==> flow/design.v <==
module mem_rtl #(
  parameter NWORDS = 10,
  parameter NBITS = 12,
  parameter AW = $clog2(NWORDS)
) (
  input CLK,
  input wen,
  input [AW-1:0] waddr,
  input [NBITS-1:0] d,
  input [AW-1:0] raddr_a,
  input [AW-1:0] raddr_b,
  output reg [NBITS-1:0] dout_a,
  output reg [NBITS-1:0] dout_b
);
  reg [NBITS-1:0] array [0:NWORDS-1];
  always @(posedge CLK) begin
    if (wen)
      array[waddr] <= d;
  end
  always @(posedge CLK) begin
    dout_a <= array[raddr_a];
    dout_b <= array[raddr_b];
  end
endmodule
Reports on mem_rtl --
Tool output for the design above, in the order of the flow. Line numbers count from 1 in the design file above. Operators: Yosys type, input widths -> output width; for muxes data width and select width s. Cell names lack the library's common part. The mark n/a stands for no value.
Set-up: top mem_rtl, clock CLK, standard-cell library sky130hd, corner tt_025C_1v80

Elaborated design --
Yosys after proc, flatten, opt, wreduce and memory -nomap, before mapping. Enables and synchronous resets that opt folds into registers are not counted as muxes. Memory bits, and registers merged into a memory's read port (data or address), are not among the register bits. Print and check cells are not counted. Equal cells are merged and count once. Yosys's memory passes give these memory sizes; they may raise the number of words (mostly to a power of two), join words into wider ones and drop unused or constant bits.
Word-level totals: register bits after elaboration 0, memory bits (writable) 120, word width x clocked read ports 24, memories kept 1, output and inout bits 24, cells after elaboration 4
Cells by class: mux-type cells 3
Memories:
- array | words 10, width 12, read ports 2, write ports 1, line 15 | reg [NBITS-1:0] array [0:NWORDS-1];
Operators by type and width (number):
- $mux 12 | 1
- $mux 4 | 1
- $mux 1 | 1

Longest topological paths --
Longest topological path by Yosys (ltp), each cell counted once; first at word level (registers and memories cut), then after technology mapping (sequential cells cut; the memories' decode and read muxes count).
Depth: depth in word-level cells 1, ABC_AREA 0, gate-level depth with buffers 5, gate-level depth less buffers 3

Synthesis result --
The flow's flattened synthesis, as Yosys stat reports it; memories are mapped. The netlist is that of the ABC_AREA named above (0 if unset); the other value can give another one.
Mapped netlist: mapped cells 410, synthesis area 6418.7 um^2, flip-flop cells 144, buffer cells 26
Cell types (number):
- edfxtp_1 | 120
- mux2_2 | 72
- dfxtp_1 | 24
- mux2i_1 | 48
- a22o_1 | 24
- o31ai_2 | 13
- o22ai_1 | 24
- nand2_1 | 27
- buf_6 | 8
- o31ai_1 | 11
- buf_12 | 4
- clkbuf_1 | 11
- nor2_1 | 9
- nand2b_1 | 4
- buf_2 | 3
- nand3b_1 | 2
- nor3_1 | 3
- nor2b_1 | 2
- or3b_2 | 1

Timing after synthesis --
OpenSTA on the mapped netlist: ideal clock, no wires. The path of least setup slack (recovery checks aside). Input and output delay are each 20% of the period. Register names are those of the netlist, which keeps one name where synthesis merged equal registers.
Timing after synthesis: path kind input -> register, start point in waddr[2], end point mem array[0][0], clock period 2.77 ns, external input delay 0.554 ns, setup time 0.396 ns, time at the first pin 0.554 ns, arrival time 1.933 ns, slack 0.440 ns, path delay 1.775 ns, stages 2, buffers on the path 0, synthesis period reached 2.33 ns
"path delay" = arrival - input delay + setup time. "stages" counts driving pins, that of a launching flip-flop among them; a cell with two outputs on the path counts twice. "synthesis period reached" is the clock period less the worst setup slack; recovery checks do not enter. This is arithmetic on one report: input and output delays are still those of the set period (20% each). Between the ends stands the longest chain of elaborated cells between them, by number of cells; it is not shown to be the way that was timed. Of several equally long chains one is given. Each line given opens the expression or statement behind the cell; cells for indexed reads and writes are added by Yosys, which also makes memories of some case tables.
On the way, after synthesis: cell sequence or3b_2 nor3_1, cells in the longest elaborated chain 1, elaborated cells between the ends (all ways) 1, source lines of those cells 1, those cells by class mux: 1
RTL lines, path after synthesis:
- from (decl) | line 8 | input [AW-1:0] waddr,
- $mux 4 | line 17 | if (wen)
- to (decl) | line 15 | reg [NBITS-1:0] array [0:NWORDS-1];

Worst path after layout --
Path of least setup slack in the final report of job 2 (OpenROAD, finished layout, wires in). Where an end is a register, its clock arrival counts in the times.
Timing post-layout: path kind input -> register, start point in waddr[2], end point mem array[8][2], clock period 1.96 ns, external input delay 0.39 ns, setup time 0.29 ns, time at the first pin 0.39 ns, arrival time 1.82 ns, slack 0.27 ns, stages 4, buffers on the path 2
Between the ends stands the longest chain of elaborated cells between them, by number of cells; it is not shown to be the way that was timed. Of several equally long chains one is given.
On the way, post-layout: cell sequence clkdlybuf4s50_1 nand3b_1 nor3_2 buf_4, cells in the longest elaborated chain 1, elaborated cells between the ends (all ways) 1, source lines of those cells 1, those cells by class mux: 1
RTL lines, path post-layout:
- from (decl) | line 8 | input [AW-1:0] waddr,
- $mux 4 | line 17 | if (wen)
- to (decl) | line 15 | reg [NBITS-1:0] array [0:NWORDS-1];

Appendix: measured runs

Design mem_rtl on sky130hd. What follows are 3 stored runs of the flow, each under its own settings; their order means nothing. The constraints put input and output delay at 20% of the set period each and load the outputs with 0.01 pF.
"achieved period" is the run's clock period less its worst setup slack. It is reckoned from that one timing run; input and output delays stay at 20% of the period that was set.
"critical setup path time" means the part of the period allowed to the worst setup path (the constraints hold back 20% at inputs and 20% at outputs) less its slack; where the path has registers, the arrival times of their clocks count too.
"total power of the final layout": no workload was simulated; the value follows from the tool's default switching activity.

[job 1] flow files
==> flow/run.sh <==
#!/bin/bash
# the make line also repeats the synthesis and layout settings of config.mk as NAME=value (left out here)
make -C /OpenROAD-flow-scripts/flow DESIGN_CONFIG=/design/flow/config.mk WORK_HOME=/design/flow/orfs CLKGATE_MAP_FILE= finish
==> flow/config.mk <==
export PLATFORM = sky130hd
export DESIGN_NAME = mem_rtl
export DESIGN_NICKNAME = mem_rtl
export VERILOG_FILES = /design/flow/design.v
export SDC_FILE = /design/flow/constraint.sdc
export NUM_CORES = 4
export LEC_CHECK = 0
export ABC_AREA = 1
export CAP_MARGIN = 20
export CELL_PAD_IN_SITES_GLOBAL_PLACEMENT = 3
export CORE_MARGIN = 9
export CORE_UTILIZATION = 46
export CTS_CLUSTER_DIAMETER = 331
export MIN_ROUTING_LAYER = met1
export PLACE_DENSITY_LB_ADDON = 0.27
export SETUP_SLACK_MARGIN = 0.04
export SLEW_MARGIN = 35
export TNS_END_PERCENT = 95
==> flow/constraint.sdc <==
create_clock -name core_clock -period 2.32 [get_ports {CLK}]
set_input_delay 0.4640 -clock core_clock [delete_from_list [all_inputs] [get_ports {CLK}]]
set_output_delay 0.4640 -clock core_clock [all_outputs]
set_load 0.01 [all_outputs]

[job 1] result: no results, placement failed with FLW-0024

[job 2] flow files
==> flow/run.sh <==
#!/bin/bash
# the make line also repeats the synthesis and layout settings of config.mk as NAME=value (left out here)
make -C /OpenROAD-flow-scripts/flow DESIGN_CONFIG=/design/flow/config.mk WORK_HOME=/design/flow/orfs CLKGATE_MAP_FILE= finish
==> flow/config.mk <==
export PLATFORM = sky130hd
export DESIGN_NAME = mem_rtl
export DESIGN_NICKNAME = mem_rtl
export VERILOG_FILES = /design/flow/design.v
export SDC_FILE = /design/flow/constraint.sdc
export NUM_CORES = 4
export LEC_CHECK = 0
export CAP_MARGIN = 25
export CELL_PAD_IN_SITES_DETAIL_PLACEMENT = 1
export CORE_MARGIN = 5
export CORE_UTILIZATION = 30
export GPL_ROUTABILITY_DRIVEN = 1
export GPL_TIMING_DRIVEN = 0
export HOLD_SLACK_MARGIN = 0.2
export MAX_ROUTING_LAYER = met4
export PLACE_DENSITY_LB_ADDON = 0.21
export SETUP_SLACK_MARGIN = 0.38
export SLEW_MARGIN = 35
export TNS_END_PERCENT = 30
==> flow/constraint.sdc <==
create_clock -name core_clock -period 1.96 [get_ports {CLK}]
set_input_delay 0.3920 -clock core_clock [delete_from_list [all_inputs] [get_ports {CLK}]]
set_output_delay 0.3920 -clock core_clock [all_outputs]
set_load 0.01 [all_outputs]

[job 2] result: std-cell area (final layout) 8136.6 um^2; critical setup path time 1.30 ns; type of the worst setup path input -> register; lowest setup slack 0.270 ns; sum of negative setup slack 0.000 ns; achieved period 1.690 ns; Yosys chip area after synthesis 6418.7 um^2; lowest hold slack 0.608 ns; utilization of the finished layout 0.387; area of the die 24420.3 um^2; total power of the final layout 7285 uW

[job 3] flow files
==> flow/run.sh <==
#!/bin/bash
# the make line also repeats the synthesis and layout settings of config.mk as NAME=value (left out here)
make -C /OpenROAD-flow-scripts/flow DESIGN_CONFIG=/design/flow/config.mk WORK_HOME=/design/flow/orfs CLKGATE_MAP_FILE= finish
==> flow/config.mk <==
export PLATFORM = sky130hd
export DESIGN_NAME = mem_rtl
export DESIGN_NICKNAME = mem_rtl
export VERILOG_FILES = /design/flow/design.v
export SDC_FILE = /design/flow/constraint.sdc
export NUM_CORES = 4
export LEC_CHECK = 0
export CAP_MARGIN = 20
export CORE_MARGIN = 2
export CORE_UTILIZATION = 40
export SLEW_MARGIN = 20
==> flow/constraint.sdc <==
create_clock -name core_clock -period 2.77 [get_ports {CLK}]
set_input_delay 0.5540 -clock core_clock [delete_from_list [all_inputs] [get_ports {CLK}]]
set_output_delay 0.5540 -clock core_clock [all_outputs]
set_load 0.01 [all_outputs]

[job 3] result: std-cell area (final layout) 7683.6 um^2; critical setup path time 1.34 ns; type of the worst setup path register -> output; lowest setup slack 0.874 ns; sum of negative setup slack 0.000 ns; achieved period 1.896 ns; Yosys chip area after synthesis 6418.7 um^2; lowest hold slack 0.602 ns; utilization of the finished layout 0.487; area of the die 17076.0 um^2; total power of the final layout 4950 uW
